==> flow/design.v <==
module my_summer_rtl #(
   parameter integer BITS = 18
) (
   input logic clock,
   input logic srst,
   input logic [BITS-1:0] in_dataa,
   input logic [BITS-1:0] in_datab,
   input logic in_carry_in,
   output logic [BITS-1:0] out_s,
   output logic out_ovf
);
   logic [BITS-1:0] dataa_reg;
   logic [BITS-1:0] datab_reg;
   logic carry_in_reg;
   logic [BITS-1:0] tmp;
   logic [BITS:0] c;
   assign c[0] = carry_in_reg;
   for (genvar gi = 0; gi < BITS; gi++) begin : row
      assign tmp[gi] = dataa_reg[gi] ^ datab_reg[gi] ^ c[gi];
      assign c[gi+1] = (dataa_reg[gi] & datab_reg[gi]) | (c[gi] & (dataa_reg[gi] ^ datab_reg[gi]));
   end
   assign out_s = tmp;
   assign out_ovf = c[BITS];
   always_ff @(posedge clock or posedge srst) begin
      if (srst) begin
         dataa_reg <= 0;
         datab_reg <= 0;
         carry_in_reg <= 1'b0;
      end else begin
         dataa_reg <= in_dataa;
         datab_reg <= in_datab;
         carry_in_reg <= in_carry_in;
      end
   end
endmodule
Reports on my_summer_rtl
The steps from the RTL of my_summer_rtl to its reports follow in flow order.
Line numbers count from 1 in the design file above.
Operators: Yosys type, input widths -> output width; for muxes data width and select width s.
{"block": "design", "top_module": "my_summer_rtl", "clock_port": "clock", "cell_library": "sky130hd", "lib_corner": "tt_025C_1v80"}

Word-level counts
Yosys after proc, flatten, opt, wreduce and memory -nomap, before mapping. Enables and synchronous resets that opt folds into registers are not counted as muxes. Memory bits, and registers merged into a memory's read port (data or address), are not among the register bits. Print and check cells are not counted. Equal cells are merged and count once.
{"block": "bits", "wordCells": 93, "reg_bits": 37, "output_inout_bits": 19, "in_bits": 39}
{"block": "op_classes", "logic": 90}
{"block": "ops", "operator": "$and 1x1->1", "count": 36}
{"block": "ops", "operator": "$xor 1x1->1", "count": 36}
{"block": "ops", "operator": "$or 1x1->1", "count": 18}

Logic depth
Longest topological path by Yosys (ltp), each cell counted once; first at word level (registers and memories cut), then after technology mapping (sequential cells cut; the memories' decode and read muxes count).
{"block": "logic_depth", "ltp_word": 37, "abc_area": 0, "mapped_depth": 22, "ltp_nobuf": 22}

After synthesis
Yosys stat after the flow's synthesis: flattened, memories mapped to cells. It holds for the ABC_AREA given above (unset counts as 0); a run with the other value may have another netlist.
Totals and module areas in this step are rounded.
{"block": "by_type", "type": "sky130_fd_sc_hd__dfrtp_1", "count": 37, "type_area_um2": 925.888}
{"block": "by_type", "type": "sky130_fd_sc_hd__fa_1", "count": 18, "type_area_um2": 360.346}
{"block": "by_type", "type": "sky130_fd_sc_hd__inv_1", "count": 11, "type_area_um2": 41.29}
{"block": "synth_totals", "yosys_area_um2": 1330, "ff_cells": 37, "seq_area_um2": 926, "buf_cells": 0, "mapped_cells": 66}

Timing after synthesis
Source: OpenSTA report_checks on the synthesized netlist (no wires, ideal clock, input and output delay 20% of the period each), path of least setup slack; recovery checks are left aside. Register names are those of the netlist, which keeps one name where synthesis merged equal registers.
{"block": "synth_timing", "path_type": "reg2out", "start": "register dataa_reg[0]", "end": "output out_s[17]", "arrival_ps": 7239, "path_delay_ps": 7239, "path_slack_ps": 1801, "n_path_buf": 0, "tclk_ps": 11300, "out_delay_ps": 2260, "path_stages": 23, "t_first_pin_ps": 0, "synth_period_reached_ps": 9499}
"path_delay_ps" = arrival - input delay + setup time.
At an output port there is no setup time.
"path_stages" counts driving pins, that of a launching flip-flop among them; a cell with two outputs on the path counts twice.
"synth_period_reached_ps" = period - worst setup slack (recovery checks aside). The figure is calculated, with input and output delays left at 20% of the set period.
Between the ends stands the longest chain of elaborated cells between them, by number of cells; it is not shown to be the way that was timed. Of several equally long chains one is given.
Each line given opens the expression or statement behind the cell; cells for indexed reads and writes are added by Yosys, which also makes memories of some case tables.
{"block": "synth_between", "path_cell_list": "sky130_fd_sc_hd__dfrtp_1 sky130_fd_sc_hd__fa_1 sky130_fd_sc_hd__fa_1 sky130_fd_sc_hd__fa_1 sky130_fd_sc_hd__fa_1 sky130_fd_sc_hd__fa_1 sky130_fd_sc_hd__fa_1 sky130_fd_sc_hd__fa_1 sky130_fd_sc_hd__fa_1 sky130_fd_sc_hd__fa_1 sky130_fd_sc_hd__fa_1 sky130_fd_sc_hd__fa_1 sky130_fd_sc_hd__fa_1 sky130_fd_sc_hd__fa_1 sky130_fd_sc_hd__fa_1 sky130_fd_sc_hd__fa_1 sky130_fd_sc_hd__inv_1 sky130_fd_sc_hd__fa_1 sky130_fd_sc_hd__inv_1 sky130_fd_sc_hd__fa_1 sky130_fd_sc_hd__inv_1 sky130_fd_sc_hd__fa_1 sky130_fd_sc_hd__inv_1", "elab_chain_len": 36}
{"block": "synth_rtl", "element": "start, declared", "line_no": 12, "source": "logic [BITS-1:0] dataa_reg;"}
{"block": "synth_rtl", "element": "start, assigned", "line_no": 26, "source": "dataa_reg <= 0;"}
{"block": "synth_rtl", "element": "start, assigned", "line_no": 30, "source": "dataa_reg <= in_dataa;"}
{"block": "synth_rtl", "element": "$xor 1x1->1", "line_no": 20, "source": "assign c[gi+1] = (dataa_reg[gi] & datab_reg[gi]) | (c[gi] & (dataa_reg[gi] ^ datab_reg[gi]));"}
{"block": "synth_rtl", "element": "$and 1x1->1", "line_no": 20}
{"block": "synth_rtl", "element": "$or 1x1->1", "line_no": 20}
{"block": "synth_rtl", "element": "$and 1x1->1", "line_no": 20}
{"block": "synth_rtl", "element": "$or 1x1->1", "line_no": 20}
{"block": "synth_rtl", "element": "$and 1x1->1", "line_no": 20}
{"block": "synth_rtl", "element": "$or 1x1->1", "line_no": 20}
{"block": "synth_rtl", "element": "[... 22 more ...]"}
{"block": "synth_rtl", "element": "$and 1x1->1", "line_no": 20}
{"block": "synth_rtl", "element": "$or 1x1->1", "line_no": 20}
{"block": "synth_rtl", "element": "$and 1x1->1", "line_no": 20}
{"block": "synth_rtl", "element": "$or 1x1->1", "line_no": 20}
{"block": "synth_rtl", "element": "$and 1x1->1", "line_no": 20}
{"block": "synth_rtl", "element": "$or 1x1->1", "line_no": 20}
{"block": "synth_rtl", "element": "$xor 1x1->1", "line_no": 19, "source": "assign tmp[gi] = dataa_reg[gi] ^ datab_reg[gi] ^ c[gi];"}
{"block": "synth_rtl", "element": "end, declared", "line_no": 9, "source": "output logic [BITS-1:0] out_s,"}

Path in the finished layout
Path of least setup slack in the final report of record 1 (OpenROAD, finished layout, wires in). Where an end is a register, its clock arrival counts in the times.
The report prints the path's times to 10 ps; the period is as set.
{"block": "layout_timing", "path_type": "reg2out", "start": "register dataa_reg[0]", "end": "output out_s[17]", "tclk_ps": 6890, "out_delay_ps": 1380, "n_path_buf": 1, "arrival_ps": 7200, "t_first_pin_ps": 270, "path_stages": 24, "path_slack_ps": -1690}
Between the ends stands the longest chain of elaborated cells between them, by number of cells; it is not shown to be the way that was timed. Of several equally long chains one is given.
{"block": "layout_between", "path_cell_list": "sky130_fd_sc_hd__dfrtp_1 sky130_fd_sc_hd__fa_2 sky130_fd_sc_hd__fa_2 sky130_fd_sc_hd__fa_2 sky130_fd_sc_hd__fa_2 sky130_fd_sc_hd__fa_2 sky130_fd_sc_hd__fa_2 sky130_fd_sc_hd__fa_2 sky130_fd_sc_hd__fa_2 sky130_fd_sc_hd__fa_2 sky130_fd_sc_hd__fa_2 sky130_fd_sc_hd__fa_2 sky130_fd_sc_hd__fa_2 sky130_fd_sc_hd__fa_2 sky130_fd_sc_hd__fa_2 sky130_fd_sc_hd__fa_2 sky130_fd_sc_hd__inv_2 sky130_fd_sc_hd__fa_2 sky130_fd_sc_hd__inv_2 sky130_fd_sc_hd__fa_2 sky130_fd_sc_hd__inv_2 sky130_fd_sc_hd__fa_2 sky130_fd_sc_hd__inv_2 sky130_fd_sc_hd__buf_6", "elab_chain_len": 36}
{"block": "layout_rtl", "element": "start, declared", "line_no": 12, "source": "logic [BITS-1:0] dataa_reg;"}
{"block": "layout_rtl", "element": "start, assigned", "line_no": 26, "source": "dataa_reg <= 0;"}
{"block": "layout_rtl", "element": "start, assigned", "line_no": 30, "source": "dataa_reg <= in_dataa;"}
{"block": "layout_rtl", "element": "$xor 1x1->1", "line_no": 20, "source": "assign c[gi+1] = (dataa_reg[gi] & datab_reg[gi]) | (c[gi] & (dataa_reg[gi] ^ datab_reg[gi]));"}
{"block": "layout_rtl", "element": "$and 1x1->1", "line_no": 20}
{"block": "layout_rtl", "element": "$or 1x1->1", "line_no": 20}
{"block": "layout_rtl", "element": "$and 1x1->1", "line_no": 20}
{"block": "layout_rtl", "element": "$or 1x1->1", "line_no": 20}
{"block": "layout_rtl", "element": "$and 1x1->1", "line_no": 20}
{"block": "layout_rtl", "element": "$or 1x1->1", "line_no": 20}
{"block": "layout_rtl", "element": "[... 22 more ...]"}
{"block": "layout_rtl", "element": "$and 1x1->1", "line_no": 20}
{"block": "layout_rtl", "element": "$or 1x1->1", "line_no": 20}
{"block": "layout_rtl", "element": "$and 1x1->1", "line_no": 20}
{"block": "layout_rtl", "element": "$or 1x1->1", "line_no": 20}
{"block": "layout_rtl", "element": "$and 1x1->1", "line_no": 20}
{"block": "layout_rtl", "element": "$or 1x1->1", "line_no": 20}
{"block": "layout_rtl", "element": "$xor 1x1->1", "line_no": 19, "source": "assign tmp[gi] = dataa_reg[gi] ^ datab_reg[gi] ^ c[gi];"}
{"block": "layout_rtl", "element": "end, declared", "line_no": 9, "source": "output logic [BITS-1:0] out_s,"}

Subject: flow runs of my_summer_rtl

Hi,

Measured data: module my_summer_rtl, platform sky130hd, 3 stored runs of the flow under differing settings, order arbitrary. Input and output delays are each 20% of the period that was set; the output load is 0.01 pF.
"worstPathTime_ps" means the part of the period allowed to the worst setup path (the constraints hold back 20% at inputs and 20% at outputs) less its slack; where the path has registers, the arrival times of their clocks count too.
"totalPower_w" rests on the timing tool's default activity at the inputs, not on a simulated workload.
"worstPathTime_ps" is given in steps of 10 ps.
Values from the reports are rounded here.

{"run": "record 1", "settings": { "period_ns": 6.89, "CORE_UTILIZATION": 44, "SETUP_SLACK_MARGIN": 1.15, "PLACE_DENSITY": 0.57, "CORE_ASPECT_RATIO": 1.6, "CELL_PAD_IN_SITES_GLOBAL_PLACEMENT": 0, "GPL_ROUTABILITY_DRIVEN": 1, "CTS_CLUSTER_SIZE": 68, "CAP_MARGIN": 20, "CORE_MARGIN": 2, "SLEW_MARGIN": 20 }, "results": { "synthesis_area_um2": 1330, "design_die_area_um2": 3480, "final_util_pct": 72.0, "ws_setup_ps": -1690, "final_setup_tns_ps": -6710, "totalPower_w": 0.000494, "worstPathTime_ps": 7200, "path_kind": "reg2out" }}
{"run": "record 2", "settings": { "period_ns": 11.3, "CAP_MARGIN": 20, "CORE_MARGIN": 2, "CORE_UTILIZATION": 40, "SLEW_MARGIN": 20 }, "results": { "synthesis_area_um2": 1330, "design_die_area_um2": 3800, "final_util_pct": 65.4, "ws_setup_ps": 614, "final_setup_tns_ps": 0, "totalPower_w": 0.000284, "worstPathTime_ps": 8430, "path_kind": "reg2out" }}
{"run": "record 3", "settings": { "period_ns": 7.84, "CORE_UTILIZATION": 45, "SETUP_SLACK_MARGIN": 0.65, "PLACE_DENSITY_LB_ADDON": 0.25, "CORE_ASPECT_RATIO": 1.35, "CELL_PAD_IN_SITES_DETAIL_PLACEMENT": 2, "GPL_ROUTABILITY_DRIVEN": 0, "CTS_CLUSTER_DIAMETER": 237, "CAP_MARGIN": 10, "MIN_ROUTING_LAYER": "met1", "CORE_MARGIN": 2, "SLEW_MARGIN": 20 }, "outcome": "did not finish, placement stopped with DPL-0033"}

Regards
